==> flow/design.v <==
module u_barrel #(
  parameter DWIDTH = 20,
  parameter LOGN = $clog2(DWIDTH)
) (
  input  wire ck,
  input  wire RST,
  input  wire enable,
  input  wire [DWIDTH-1:0] ch,
  input  wire [LOGN-1:0] sh,
  output reg [DWIDTH-1:0] y
);
  always @(posedge ck) begin
    if (RST) begin
      y <= 0;
    end else if (enable) begin
      y <= ch >> sh;
    end
  end
endmodule
# Step by step through the tools: u_barrel
# Tool output for the design above, in the order of the flow.
# Line numbers count from 1 in the design file above.
# Operators: Yosys type, input widths -> output width; for muxes data width and select width s.
# The mark -- stands for no value.
# inputs
top,u_barrel
clock_port,ck
library,sky130hd
pvt_corner,tt_025C_1v80

# Word level
# Counts by Yosys on the flattened word-level netlist (proc, flatten, opt, wreduce; memories kept). Register bits leave out memories and registers merged into their read ports (data or address); mux counts leave out enables and synchronous resets folded into registers. Print and check cells are left out. Cells with the same type and inputs are merged into one.
# bits
inputBits,28
latchBits,0
elab_cells,2
mem_count,0
ramBits,0
register_bits,20
out_inout_bits,20
mem_bits_ro,0
clocked_rd_ports_x_width,0
# classes
compare,0
n_shift,1
muxes,0
reduce_and_logical,0
div,0
n_mul,0
bitwise,0
n_eq,0
n_addsub,0
# op_table
cell,count
$shr 20x5->20,1

# Depth
# Yosys ltp: most cells in a row. Word level: on the elaborated netlist, between registers, memories and ports. Mapped: between sequential cells and ports; inverters and the memories' decode and read muxes count.
# depth
word_depth,1
ABC_AREA,0
depth_mapped,6
depth_no_buf,4

# Netlist
# Yosys stat after the flow's synthesis: flattened, memories mapped to cells. It holds for the ABC_AREA given above (unset counts as 0); a run with the other value may have another netlist.
# by_type
cell,count,type_area_um2
sky130_fd_sc_hd__dfxtp_1,20,400.384
sky130_fd_sc_hd__mux4_1,9,236.477
sky130_fd_sc_hd__mux2i_1,16,160.154
sky130_fd_sc_hd__mux4_2,6,135.13
sky130_fd_sc_hd__mux2_2,5,56.304
sky130_fd_sc_hd__nor2b_1,9,56.304
sky130_fd_sc_hd__nand2_1,14,52.55
sky130_fd_sc_hd__a31oi_1,8,50.048
sky130_fd_sc_hd__nor3b_1,6,45.043
sky130_fd_sc_hd__nand2b_1,5,31.28
sky130_fd_sc_hd__clkbuf_1,8,30.029
sky130_fd_sc_hd__nor2_1,8,30.029
sky130_fd_sc_hd__a21oi_1,5,25.024
sky130_fd_sc_hd__o21ai_0,5,25.024
sky130_fd_sc_hd__buf_12,1,20.019
sky130_fd_sc_hd__o22ai_1,3,18.768
sky130_fd_sc_hd__o41ai_1,2,17.517
sky130_fd_sc_hd__buf_2,3,15.014
# Other cell types: 27; their cells: 34.
# mapped
cell_count,167
n_buf,14
seqArea_mm2,0.0004004
yosys_area_mm2,0.0016641
ffs,20

# Worst setup path after synthesis
# OpenSTA on the mapped netlist: ideal clock, no wires. The path of least setup slack (recovery checks aside). Input and output delay are each 20% of the period. Register names are those of the netlist, which keeps one name where synthesis merged equal registers.
# synth_path
path_kind,input to register
startpoint,input port sh[0]
endpoint,register y[2]
t_first_pin_ns,0.422
required_time_ns,1.980
tclk_ns,2.11
slack_ns,0.341
delay_ns,1.348
setup_time_ns,0.130
arrival_ns,1.640
n_path_buf,2
driving_pins,5
in_delay_ns,0.422
period_less_setup_slack_ns,1.769
# "delay_ns" = arrival - input delay + setup time.
# "driving_pins" counts driving pins, that of a launching flip-flop among them; a cell with two outputs on the path counts twice.
# "period_less_setup_slack_ns" = period - worst setup slack (recovery checks aside). The figure is calculated, with input and output delays left at 20% of the set period.
# Between the ends stands the longest chain of elaborated cells between them, by number of cells; it is not shown to be the way that was timed. Of several equally long chains one is given.
# Each line given opens the expression or statement behind the cell; cells for indexed reads and writes are added by Yosys, which also makes memories of some case tables.
# synth_between
cell_sequence,sky130_fd_sc_hd__buf_6 > sky130_fd_sc_hd__buf_12 > sky130_fd_sc_hd__mux4_1 > sky130_fd_sc_hd__o311ai_0 > sky130_fd_sc_hd__o31ai_1
elab_chain_len,1
cone_cells,1
lines_between,1
classes_between,1 x shift
# synth_rtl
element,line_no,source
start: declaration,9,"input  wire [LOGN-1:0] sh,"
$shr 20x5->20,16,y <= ch >> sh;
end: assignment,14,y <= 0;
end: assignment,16,
end: declaration,10,output reg [DWIDTH-1:0] y

# Worst path after layout
# Path of least setup slack in the final report of stored run 1 (OpenROAD, finished layout, wires in). Where an end is a register, its clock arrival counts in the times.
# layout_path
path_kind,input to register
startpoint,input port ch[12]
endpoint,register y[2]
required_time_ns,2.26
n_path_buf,1
slack_ns,0.18
tclk_ns,2.11
arrival_ns,2.08
setup_time_ns,0.11
driving_pins,5
t_first_pin_ns,0.42
in_delay_ns,0.42
# Between the ends stands the longest chain of elaborated cells between them, by number of cells; it is not shown to be the way that was timed. Of several equally long chains one is given.
# layout_between
cell_sequence,sky130_fd_sc_hd__clkdlybuf4s50_1 > sky130_fd_sc_hd__mux4_1 > sky130_fd_sc_hd__mux2_2 > sky130_fd_sc_hd__nor3b_1 > sky130_fd_sc_hd__o31ai_1
elab_chain_len,1
cone_cells,1
lines_between,1
classes_between,1 x shift
# layout_rtl
element,line_no,source
start: declaration,8,"input  wire [DWIDTH-1:0] ch,"
$shr 20x5->20,16,y <= ch >> sh;
end: assignment,14,y <= 0;
end: assignment,16,
end: declaration,10,output reg [DWIDTH-1:0] y

# Measured data: module u_barrel, platform sky130hd, 3 stored runs of the flow under differing settings, order arbitrary. Input and output delays are each 20% of the period that was set; the output load is 0.01 pF.
# "critical_path_time_ns" = time allowed to the worst setup path (clock period - input delay - output delay, where it has them) - its slack; a late launch clock adds to it, a late capture clock takes from it.
# "design_power_mw" rests on the timing tool's default activity at the inputs, not on a simulated workload.
# Settings: - = not set for that run.
# A result given as - is not shown for that run.
setting or result,stored run 1,stored run 2,stored run 3
period_ns,2.11,2.75,3.02
CAP_MARGIN,20,20,20
CORE_MARGIN,2,2,2
CORE_UTILIZATION,40,58,60
SLEW_MARGIN,20,20,20
SETUP_SLACK_MARGIN,-,0.23,0.8
PLACE_DENSITY_LB_ADDON,-,0.2,0.07
CELL_PAD_IN_SITES_DETAIL_PLACEMENT,-,0,2
ABC_AREA,-,0,-
GPL_TIMING_DRIVEN,-,0,-
MAX_ROUTING_LAYER,-,met4,-
CORE_ASPECT_RATIO,-,-,0.64
CTS_CLUSTER_SIZE,-,-,33
synthesis_area_mm2,0.0016641,0.0016641,-
die_mm2,0.0046922,0.0033137,-
final_stdcell_area_mm2,0.0025162,0.0022059,-
setup_worst_slack_ns,0.180,0.437,-
worst_hold_slack_ns,0.461,0.467,-
design_power_mw,1.118,0.8179,-
critical_path_time_ns,1.51,1.76,-
critical_path_type,input to register,input to register,-
# Stored run 3: unfinished; error DPL-0033 in placement
